==> flow/design.v <==
module core_mag_cmp_rtl #(
  parameter WIDTH = 128
) (
  input clk_i,
  input i_rst_n,
  input [WIDTH-1:0] rs1_in,
  input [WIDTH-1:0] rs2_in,
  output reg a_gt_b_out,
  output reg lt_out
);
  reg g;
  reg l;
  integer n;
  always @* begin
    g = 1'b0;
    l = 1'b0;
    for (n = WIDTH-1; n >= 0; n = n - 1) begin
      if (!g && !l) begin
        g = rs1_in[n] & ~rs2_in[n];
        l = ~rs1_in[n] & rs2_in[n];
      end
    end
  end
  always @(posedge clk_i or negedge i_rst_n) begin
    if (!i_rst_n) begin
      a_gt_b_out <= 1'b0;
      lt_out <= 1'b0;
    end else begin
      a_gt_b_out <= g;
      lt_out <= l;
    end
  end
endmodule
== From RTL to reports: core_mag_cmp_rtl ==
What the tools print for core_mag_cmp_rtl, step after step.
Lines are those of the file above, counted from 1.
Not given: n/a

* Design top: core_mag_cmp_rtl
* Clock port: clk_i
* Cell library: sky130hd
* Corner: tt_025C_1v80

== Elaborated design ==
Yosys after proc, flatten, opt, wreduce and memory -nomap, before mapping. Enables and synchronous resets that opt folds into registers are not counted as muxes. Memory bits, and registers merged into a memory's read port (data or address), are not among the register bits. Print and check cells are not counted. Equal cells are merged and count once.

* Mux-type cells: 254
* Bitwise logic cells: 512
* Reductions and logical operators: 381

{| class="wikitable"
|+ Operators by type and width
! cell !! count
|-
| 1-bit AND || 256
|-
| 1-bit inverter || 256
|-
| 1-bit logical NOT || 254
|-
| 1-bit 2-to-1 mux || 254
|-
| 1-bit logical AND || 127
|}

* Bits in registers: 2
* Input port bits: 258
* Output and inout bits: 2
* Word-level cells: 1149

== Logic depth ==
Longest topological path by Yosys (ltp), each cell counted once; first at word level (registers and memories cut), then after technology mapping (sequential cells cut; the memories' decode and read muxes count).

* Depth in word-level cells: 383
* ABC_AREA: 0
* Gate-level depth with buffers: 10
* Depth with buffers taken out: 10

== Mapped cells and area ==
Source: synth_stat.txt of the flow (Yosys; design flattened, memories mapped). It holds for the ABC_AREA given above (unset counts as 0); a run with the other value may have another netlist.
Totals and module areas in this step are rounded.

* Mapped cells: 484
* Cell area after synthesis: 3300 µm²
* Area of sequential cells: 50.0 µm²
* Flip-flops: 2
* Buffer cells: 0

{| class="wikitable"
|+ Cell types
! cell type !! count !! total area (µm²)
|-
| sky130_fd_sc_hd__maj3_1 || 106 || 1.06E+03
|-
| sky130_fd_sc_hd__nor2b_1 || 65 || 406.64
|-
| sky130_fd_sc_hd__nand2b_1 || 59 || 369.104
|-
| sky130_fd_sc_hd__inv_1 || 73 || 274.013
|-
| sky130_fd_sc_hd__a21oi_1 || 40 || 200.192
|-
| sky130_fd_sc_hd__maj3_2 || 11 || 123.869
|-
| sky130_fd_sc_hd__o21ai_0 || 23 || 115.11
|-
| sky130_fd_sc_hd__o21ai_1 || 15 || 75.072
|-
| sky130_fd_sc_hd__a21o_1 || 7 || 52.55
|-
| sky130_fd_sc_hd__dfrtp_1 || 2 || 50.048
|-
| sky130_fd_sc_hd__o21bai_1 || 6 || 45.043
|-
| sky130_fd_sc_hd__nor2_1 || 10 || 37.536
|-
| sky130_fd_sc_hd__o31ai_1 || 5 || 37.536
|-
| sky130_fd_sc_hd__a221oi_1 || 4 || 35.034
|-
| sky130_fd_sc_hd__nand2_1 || 7 || 26.275
|-
| sky130_fd_sc_hd__ha_1 || 2 || 25.024
|-
| sky130_fd_sc_hd__a211oi_1 || 3 || 22.522
|-
| sky130_fd_sc_hd__a21boi_0 || 3 || 22.522
|}

Other cell types: 26; their cells: 43.

== Path before layout ==
OpenSTA on the mapped netlist: ideal clock, no wires. The path of least setup slack (recovery checks aside). Input and output delay are each 20% of the period. Register names are those of the netlist, which keeps one name where synthesis merged equal registers.

* Path type: input-to-reg
* Start: input rs1_in[22]
* End: register a_gt_b_out
* Clock period: 3.17 ns
* External input delay: 0.634 ns
* Setup time: 0.137 ns
* Launch time at the first pin: 0.634 ns
* Data arrival time: 2.526 ns
* Required time: 3.033 ns
* Path slack: 0.507 ns
* Path delay: 2.029 ns
* Driving pins on the path: 9
* Buffers on the path: 0
* Synthesis period reached: 2.663 ns

"path delay" = arrival - input delay + setup time.
"driving pins on the path" counts driving pins, that of a launching flip-flop among them; a cell with two outputs on the path counts twice.
"synthesis period reached" is the clock period less the worst setup slack; recovery checks do not enter. This is arithmetic on one report: input and output delays are still those of the set period (20% each).
Between the ends stands the longest chain of elaborated cells between them, by number of cells; it is not shown to be the way that was timed. Of several equally long chains one is given.
Each line given opens the expression or statement behind the cell; cells for indexed reads and writes are added by Yosys, which also makes memories of some case tables.

* Path through: sky130_fd_sc_hd__nand2b_1 sky130_fd_sc_hd__maj3_2 sky130_fd_sc_hd__maj3_2 sky130_fd_sc_hd__a21o_1 sky130_fd_sc_hd__a2111o_1 sky130_fd_sc_hd__a211oi_2 sky130_fd_sc_hd__a211oi_1 sky130_fd_sc_hd__a311oi_1 sky130_fd_sc_hd__o21ai_1
* Cells in the longest elaborated chain: 69
* Elaborated cells on any way between the ends: 114
* RTL lines with such cells: 3
* Those cells by class: mux (45); logic (3); reduce/logical (66)

{| class="wikitable"
|+ RTL lines, path post-synthesis
! element !! RTL line !! RTL
|-
| from (decl) || 6 || <nowiki>input [WIDTH-1:0] rs1_in,</nowiki>
|-
| 1-bit inverter || 20 || <nowiki>l = ~rs1_in[n] & rs2_in[n];</nowiki>
|-
| 1-bit AND || 20 ||
|-
| 1-bit 2-to-1 mux || 18 || <nowiki>if (!g && !l) begin</nowiki>
|-
| 1-bit logical NOT || 18 ||
|-
| 1-bit logical AND || 18 ||
|-
| 1-bit 2-to-1 mux || 18 ||
|-
| 1-bit logical NOT || 18 ||
|-
| [55 not listed] || n/a ||
|-
| 1-bit 2-to-1 mux || 18 ||
|-
| 1-bit logical NOT || 18 ||
|-
| 1-bit logical AND || 18 ||
|-
| 1-bit 2-to-1 mux || 18 ||
|-
| 1-bit logical NOT || 18 ||
|-
| 1-bit logical AND || 18 ||
|-
| 1-bit 2-to-1 mux || 18 ||
|-
| to (assign) || 26 || <nowiki>a_gt_b_out <= 1'b0;</nowiki>
|-
| to (assign) || 29 || <nowiki>a_gt_b_out <= g;</nowiki>
|-
| to (decl) || 8 || <nowiki>output reg a_gt_b_out,</nowiki>
|}

== Path in the finished layout ==
Path of least setup slack in the final report of stored run 2 (OpenROAD, finished layout, wires in). Where an end is a register, its clock arrival counts in the times.

* Path type: input-to-reg
* Start: input rs2_in[50]
* End: register lt_out
* Clock period: 3.17 ns
* External input delay: 0.63 ns
* Setup time: 0.11 ns
* Launch time at the first pin: 0.63 ns
* Data arrival time: 3.17 ns
* Required time: 3.26 ns
* Path slack: 0.10 ns
* Driving pins on the path: 10
* Buffers on the path: 1

Between the ends stands the longest chain of elaborated cells between them, by number of cells; it is not shown to be the way that was timed. Of several equally long chains one is given.

* Path through: sky130_fd_sc_hd__clkdlybuf4s50_1 sky130_fd_sc_hd__nor2b_1 sky130_fd_sc_hd__maj3_1 sky130_fd_sc_hd__maj3_1 sky130_fd_sc_hd__maj3_2 sky130_fd_sc_hd__a21oi_1 sky130_fd_sc_hd__a21oi_1 sky130_fd_sc_hd__a21boi_1 sky130_fd_sc_hd__o311ai_1 sky130_fd_sc_hd__a21o_1
* Cells in the longest elaborated chain: 153
* Elaborated cells on any way between the ends: 254
* RTL lines with such cells: 3
* Those cells by class: mux (101); logic (3); reduce/logical (150)

{| class="wikitable"
|+ RTL lines, path post-layout
! element !! RTL line !! RTL
|-
| from (decl) || 7 || <nowiki>input [WIDTH-1:0] rs2_in,</nowiki>
|-
| 1-bit inverter || 19 || <nowiki>g = rs1_in[n] & ~rs2_in[n];</nowiki>
|-
| 1-bit AND || 19 ||
|-
| 1-bit 2-to-1 mux || 18 || <nowiki>if (!g && !l) begin</nowiki>
|-
| 1-bit logical NOT || 18 ||
|-
| 1-bit logical AND || 18 ||
|-
| 1-bit 2-to-1 mux || 18 ||
|-
| 1-bit logical NOT || 18 ||
|-
| [139 not listed] || n/a ||
|-
| 1-bit 2-to-1 mux || 18 ||
|-
| 1-bit logical NOT || 18 ||
|-
| 1-bit logical AND || 18 ||
|-
| 1-bit 2-to-1 mux || 18 ||
|-
| 1-bit logical NOT || 18 ||
|-
| 1-bit logical AND || 18 ||
|-
| 1-bit 2-to-1 mux || 18 ||
|-
| to (assign) || 27 || <nowiki>lt_out <= 1'b0;</nowiki>
|-
| to (assign) || 30 || <nowiki>lt_out <= l;</nowiki>
|-
| to (decl) || 9 || <nowiki>output reg lt_out</nowiki>
|}

Add stored flow runs of core_mag_cmp_rtl

core_mag_cmp_rtl through Yosys and OpenROAD on sky130hd: 3 stored runs, unordered, with their settings and measured results. The constraints put input and output delay at 20% of the set period each and load the outputs with 0.01 pF.
"reached clock period": clock period set for the run, less the worst setup slack. It is reckoned from that one timing run; input and output delays stay at 20% of the period that was set.
"time of the worst setup path" is the time allowed to the run's worst setup path (the clock period less input and output delay, where it has them) less its slack. Clock arrival times count: a late capture clock shortens it, a late launch clock lengthens it.
"total power after layout": no workload was simulated; the value follows from the tool's default switching activity.
The measured numbers are rounded.

=== Stored run 1 ===
{| class="wikitable"
! Setting !! Value
|-
| period_ns || 2.48
|-
| CORE_UTILIZATION || 55
|-
| PLACE_DENSITY || 0.92
|-
| CORE_ASPECT_RATIO || 1.22
|-
| CORE_MARGIN || 6
|-
| CELL_PAD_IN_SITES_GLOBAL_PLACEMENT || 2
|-
| TNS_END_PERCENT || 50
|-
| GPL_TIMING_DRIVEN || 1
|-
| CTS_CLUSTER_SIZE || 78
|-
| CTS_CLUSTER_DIAMETER || 215
|-
| SLEW_MARGIN || 30
|-
| MIN_ROUTING_LAYER || met2
|-
| CAP_MARGIN || 20
|}
Not finished: placement ended with error GPL-0301.

=== Stored run 2 ===
{| class="wikitable"
! Setting !! Value
|-
| period_ns || 3.17
|-
| CAP_MARGIN || 20
|-
| CORE_MARGIN || 2
|-
| CORE_UTILIZATION || 40
|-
| SLEW_MARGIN || 20
|-
! Result !! Value
|-
| Chip area in the Yosys report || 3300 µm²
|-
| Total power after layout || 0.000953 W
|-
| Setup slack of the critical path || 0.100 ns
|-
| Reached clock period || 3.070 ns
|-
| Setup TNS || 0.000 ns
|-
| Time of the worst setup path || 2.44 ns
|-
| Kind of the worst setup path || input-to-reg
|-
| Post-route utilization || 0.762
|-
| Die area || 8990 µm²
|-
| Standard-cell area after routing || 6160 µm²
|}

=== Stored run 3 ===
{| class="wikitable"
! Setting !! Value
|-
| period_ns || 1.91
|-
| CORE_UTILIZATION || 38
|-
| PLACE_DENSITY_LB_ADDON || 0.07
|-
| CELL_PAD_IN_SITES_GLOBAL_PLACEMENT || 2
|-
| CELL_PAD_IN_SITES_DETAIL_PLACEMENT || 0
|-
| TNS_END_PERCENT || 25
|-
| ABC_AREA || 1
|-
| GPL_ROUTABILITY_DRIVEN || 1
|-
| CTS_CLUSTER_DIAMETER || 23
|-
| CAP_MARGIN || 20
|-
| CORE_MARGIN || 2
|-
| SLEW_MARGIN || 20
|}
Not finished: placement ended with error FLW-0024.
